==> flow/design.v <==
module mul_unit #(
    parameter BITS = 20
) (
    input  wire clk,
    input  wire resetn,
    input  wire [BITS-1:0] a_in,
    input  wire [BITS-1:0] b_in,
    output wire [2*BITS-1:0] p_out
);
    reg [BITS-1:0] a_ff;
    reg [BITS-1:0] b_ff;
    always @(posedge clk) begin
        if (~resetn) begin
            a_ff <= 0;
            b_ff <= 0;
        end else begin
            a_ff <= a_in;
            b_ff <= b_in;
        end
    end
    localparam H = BITS / 2;
    wire [BITS-1:0] ll;
    half_mul #(.N(H)) u (.a(a_ff[H-1:0]), .b(b_ff[H-1:0]), .p(ll));
    wire [BITS-1:0] lh;
    half_mul #(.N(H)) el (.a(a_ff[H-1:0]), .b(b_ff[BITS-1:H]), .p(lh));
    wire [BITS-1:0] hl;
    half_mul #(.N(H)) i_sub (.a(a_ff[BITS-1:H]), .b(b_ff[H-1:0]), .p(hl));
    wire [BITS-1:0] hh;
    half_mul #(.N(H)) u0 (.a(a_ff[BITS-1:H]), .b(b_ff[BITS-1:H]), .p(hh));
    wire [BITS:0] aux = lh + hl;
    reg [2*BITS-1:0] p_ff;
    always @(posedge clk) begin
        if (~resetn) begin
            p_ff <= 0;
        end else begin
            p_ff <= {hh, ll} + {aux, {H{1'b0}}};
        end
    end
    assign p_out = p_ff;
endmodule
module half_mul #(parameter N = 4) (
    input wire [N-1:0] a,
    input wire [N-1:0] b,
    output wire [2*N-1:0] p
);
    assign p = a * b;
endmodule
Reports on mul_unit
Tool output for the design above, in the order of the flow.
Lines are those of the file above, counted from 1.
A cell with - has no value.

set-up
  top module = mul_unit
  clock port = clk
  library = sky130hd
  timing corner = tt_025C_1v80

Elaborated design
Yosys after proc, flatten, opt, wreduce and memory -nomap, before mapping. Enables and synchronous resets that opt folds into registers are not counted as muxes. Memory bits, and registers merged into a memory's read port (data or address), are not among the register bits. Print and check cells are not counted. Equal cells are merged and count once.

bit counts
  bits in writable memories = 0
  word width x clocked read ports = 0
  memory cells = 0
  ROM bits = 0
  register bits after elaboration = 80
  bits in latches = 0
  input port bits = 42

operators by class
  bitwise logic cells = 0
  order comparisons = 0
  $add $sub $neg = 2
  multiply operators = 4
  muxes and demuxes = 0
  equality and inequality tests = 0
  shift-type cells = 0
  reduce/logical cells = 0
  div/mod/pow operators = 0

operators with widths
  kind                                            count
  10-bit by 10-bit multiplier with 20-bit output  4
  40-bit by 31-bit adder with 40-bit output       1
  20-bit by 20-bit adder with 21-bit output       1

Logic depth
Longest topological path by Yosys (ltp), each cell counted once; first at word level (registers and memories cut), then after technology mapping (sequential cells cut; the memories' decode and read muxes count).

logic depth
  depth in word-level cells = 3
  ABC_AREA = 0
  mapped depth = 32
  depth with buffers taken out = 31

Netlist
Source: synth_stat.txt of the flow (Yosys; design flattened, memories mapped). It holds for the ABC_AREA given above (unset counts as 0); a run with the other value may have another netlist.
Totals and module areas in this step are rounded.

cell types
  type                       count  total area (µm²)
  sky130_fd_sc_hd__fa_1      284    5.69E+03
  sky130_fd_sc_hd__ha_1      232    2.9E+03
  sky130_fd_sc_hd__and2_1    261    1.63E+03
  sky130_fd_sc_hd__dfxtp_1   80     1.6E+03
  sky130_fd_sc_hd__inv_1     359    1.35E+03
  sky130_fd_sc_hd__nand2_1   225    844.56
  sky130_fd_sc_hd__xnor2_1   48     420.403
  sky130_fd_sc_hd__clkbuf_1  87     326.563
  sky130_fd_sc_hd__a21oi_1   55     275.264
  sky130_fd_sc_hd__nor2_1    55     206.448
  sky130_fd_sc_hd__a21o_1    21     157.651
  sky130_fd_sc_hd__xor2_1    18     157.651
  sky130_fd_sc_hd__o21ai_0   24     120.115
  sky130_fd_sc_hd__nor3_1    15     75.072
  sky130_fd_sc_hd__nand3_1   14     70.067
  sky130_fd_sc_hd__o21bai_1  9      67.565
  sky130_fd_sc_hd__a211oi_1  7      52.55
  sky130_fd_sc_hd__and3_1    8      50.048

Not listed: further types 50, cells in them 108.

synthesis totals
  buffer cells = 90
  flip-flop cells = 80
  chip area (Yosys) = 16,900 µm²
  sequential part of the area = 1,600 µm²
  mapped cells = 1,910

By module: a second synthesis without flattening, with its own total; a netlist apart from the flattened one above.

unflattened totals
  cell total of the unflattened synthesis = 2,088
  area total of the unflattened synthesis = 17,800 µm²

Rows give one instance, submodules left out.

by module
  module           seq. area (µm²)  area (µm²)  cells  times used
  half_mul (N=10)  0.0              3,350       397    4
  mul_unit         1,600            4,420       500    1

Timing after synthesis
OpenSTA on the mapped netlist: ideal clock, no wires. The path of least setup slack (recovery checks aside). Input and output delay are each 20% of the period. Register names are those of the netlist, which keeps one name where synthesis merged equal registers.

timing path after synthesis
  kind = register to register
  start = register a_ff[5]
  end = register p_ff[37]
  path delay = 7.701 ns
  launch time at the first pin = 0.000 ns
  clock period = 9.63 ns
  data required time = 9.559 ns
  setup time = 0.071 ns
  arrival = 7.630 ns
  path slack = 1.929 ns
  stages = 30
  buffers on the path = 1
  synthesis period reached = 7.701 ns

"path delay" = arrival - input delay + setup time.
"stages" counts driving pins, that of a launching flip-flop among them; a cell with two outputs on the path counts twice.
"synthesis period reached" = period - worst setup slack (recovery checks aside). The figure is calculated, with input and output delays left at 20% of the set period.
Between the ends stands the longest chain of elaborated cells between them, by number of cells; it is not shown to be the way that was timed. Of several equally long chains one is given.
Each line given opens the expression or statement behind the cell; cells for indexed reads and writes are added by Yosys, which also makes memories of some case tables.

on the way, after synthesis
  cells stage by stage = sky130_fd_sc_hd__dfxtp_1 sky130_fd_sc_hd__clkbuf_1 sky130_fd_sc_hd__and2_1 sky130_fd_sc_hd__fa_1 sky130_fd_sc_hd__inv_1 sky130_fd_sc_hd__fa_1 sky130_fd_sc_hd__fa_1 sky130_fd_sc_hd__inv_1 sky130_fd_sc_hd__fa_1 sky130_fd_sc_hd__fa_1 sky130_fd_sc_hd__fa_1 sky130_fd_sc_hd__inv_1 sky130_fd_sc_hd__fa_1 sky130_fd_sc_hd__inv_1 sky130_fd_sc_hd__ha_1 sky130_fd_sc_hd__a21o_1 sky130_fd_sc_hd__a21o_1 sky130_fd_sc_hd__a21oi_1 sky130_fd_sc_hd__a21boi_0 sky130_fd_sc_hd__o21ai_0 sky130_fd_sc_hd__a21boi_0 sky130_fd_sc_hd__a311o_1 sky130_fd_sc_hd__ha_1 sky130_fd_sc_hd__a21oi_1 sky130_fd_sc_hd__o21a_1 sky130_fd_sc_hd__a21boi_0 sky130_fd_sc_hd__o31ai_2 sky130_fd_sc_hd__nand2_1 sky130_fd_sc_hd__or3_1 sky130_fd_sc_hd__a21oi_1
  cells in the longest elaborated chain = 3
  elaborated cells on any way between the ends = 4

RTL lines, path after synthesis
  element                                         RTL line  text
  from (decl)                                     10        reg [BITS-1:0] a_ff;
  from (assign)                                   14        a_ff <= 0;
  from (assign)                                   17        a_ff <= a_in;
  10-bit by 10-bit multiplier with 20-bit output  46        assign p = a * b;
  20-bit by 20-bit adder with 21-bit output       30        wire [BITS:0] aux = lh + hl;
  40-bit by 31-bit adder with 40-bit output       36        p_ff <= {hh, ll} + {aux, {H{1'b0}}};
  to (assign)                                     34        p_ff <= 0;
  to (assign)                                     36
  to (decl)                                       31        reg [2*BITS-1:0] p_ff;

Worst path after layout
Path of least setup slack in the final report of entry A (OpenROAD, finished layout, wires in). Where an end is a register, its clock arrival counts in the times.

timing path after layout
  kind = register to register
  start = register a_ff[4]
  end = register p_ff[37]
  data required time = 11.21 ns
  arrival = 8.90 ns
  launch time at the first pin = 0.38 ns
  buffers on the path = 0
  path slack = 2.31 ns
  setup time = 0.06 ns
  clock period = 10.9 ns
  stages = 29

Between the ends stands the longest chain of elaborated cells between them, by number of cells; it is not shown to be the way that was timed. Of several equally long chains one is given.

on the way, after layout
  cells stage by stage = sky130_fd_sc_hd__dfxtp_1 sky130_fd_sc_hd__and2_1 sky130_fd_sc_hd__fa_1 sky130_fd_sc_hd__inv_1 sky130_fd_sc_hd__fa_1 sky130_fd_sc_hd__fa_1 sky130_fd_sc_hd__inv_1 sky130_fd_sc_hd__fa_1 sky130_fd_sc_hd__fa_1 sky130_fd_sc_hd__fa_1 sky130_fd_sc_hd__inv_1 sky130_fd_sc_hd__fa_1 sky130_fd_sc_hd__inv_1 sky130_fd_sc_hd__ha_1 sky130_fd_sc_hd__a21o_1 sky130_fd_sc_hd__a21o_1 sky130_fd_sc_hd__a21oi_1 sky130_fd_sc_hd__a21boi_0 sky130_fd_sc_hd__o21ai_0 sky130_fd_sc_hd__a21boi_0 sky130_fd_sc_hd__a311o_1 sky130_fd_sc_hd__ha_1 sky130_fd_sc_hd__a21oi_1 sky130_fd_sc_hd__o21a_1 sky130_fd_sc_hd__a21boi_0 sky130_fd_sc_hd__o31ai_2 sky130_fd_sc_hd__nand2_1 sky130_fd_sc_hd__or3_1 sky130_fd_sc_hd__a21oi_1
  cells in the longest elaborated chain = 3
  elaborated cells on any way between the ends = 4

RTL lines, path after layout
  element                                         RTL line  text
  from (decl)                                     10        reg [BITS-1:0] a_ff;
  from (assign)                                   14        a_ff <= 0;
  from (assign)                                   17        a_ff <= a_in;
  10-bit by 10-bit multiplier with 20-bit output  46        assign p = a * b;
  20-bit by 20-bit adder with 21-bit output       30        wire [BITS:0] aux = lh + hl;
  40-bit by 31-bit adder with 40-bit output       36        p_ff <= {hh, ll} + {aux, {H{1'b0}}};
  to (assign)                                     34        p_ff <= 0;
  to (assign)                                     36
  to (decl)                                       31        reg [2*BITS-1:0] p_ff;

Subject: flow runs of mul_unit

Hi,

Measured data: module mul_unit, platform sky130hd, 3 stored runs of the flow under differing settings, order arbitrary. Input and output delays are each 20% of the period that was set; the output load is 0.01 pF.
"achieved clock period": clock period set for the run, less the worst setup slack. It is reckoned from that one timing run; input and output delays stay at 20% of the period that was set.
"allowed time less slack (worst setup path)" = time allowed to the worst setup path (clock period - input delay - output delay, where it has them) - its slack; a late launch clock adds to it, a late capture clock takes from it.
"total design power": no workload was simulated; the value follows from the tool's default switching activity.
Values from the reports are rounded here.
Among the settings, - means not set for that run.

name                                             entry A               entry B               entry C
period_ns                                        10.9                  9.63                  10.8
CORE_UTILIZATION                                 65                    40                    26
SETUP_SLACK_MARGIN                               0.5                   -                     0.84
PLACE_DENSITY                                    0.38                  -                     -
CORE_ASPECT_RATIO                                1.63                  -                     -
CORE_MARGIN                                      5                     2                     2
TNS_END_PERCENT                                  30                    -                     -
GPL_ROUTABILITY_DRIVEN                           0                     -                     -
CTS_CLUSTER_SIZE                                 83                    -                     39
CTS_CLUSTER_DIAMETER                             81                    -                     -
CAP_MARGIN                                       30                    20                    20
MAX_ROUTING_LAYER                                met5                  -                     -
SLEW_MARGIN                                      20                    20                    20
PLACE_DENSITY_LB_ADDON                           -                     -                     0.27
CELL_PAD_IN_SITES_DETAIL_PLACEMENT               -                     -                     0
ABC_AREA                                         -                     -                     1
summed negative setup slack (ns)                 0.000                 0.000                 0.000
area of the synthesized netlist (µm²)            16,900                16,900                17,800
allowed time less slack (worst setup path) (ns)  8.59                  8.72                  7.93
type of the worst setup path                     register to register  register to register  register to register
achieved clock period (ns)                       8.588                 8.722                 7.930
die area (µm²)                                   29,500                44,000                70,700
total design power (µW)                          2,050                 2,300                 2,200
utilization after routing                        0.712                 0.444                 0.293
setup slack of the critical path (ns)            2.31                  0.908                 2.87

Regards
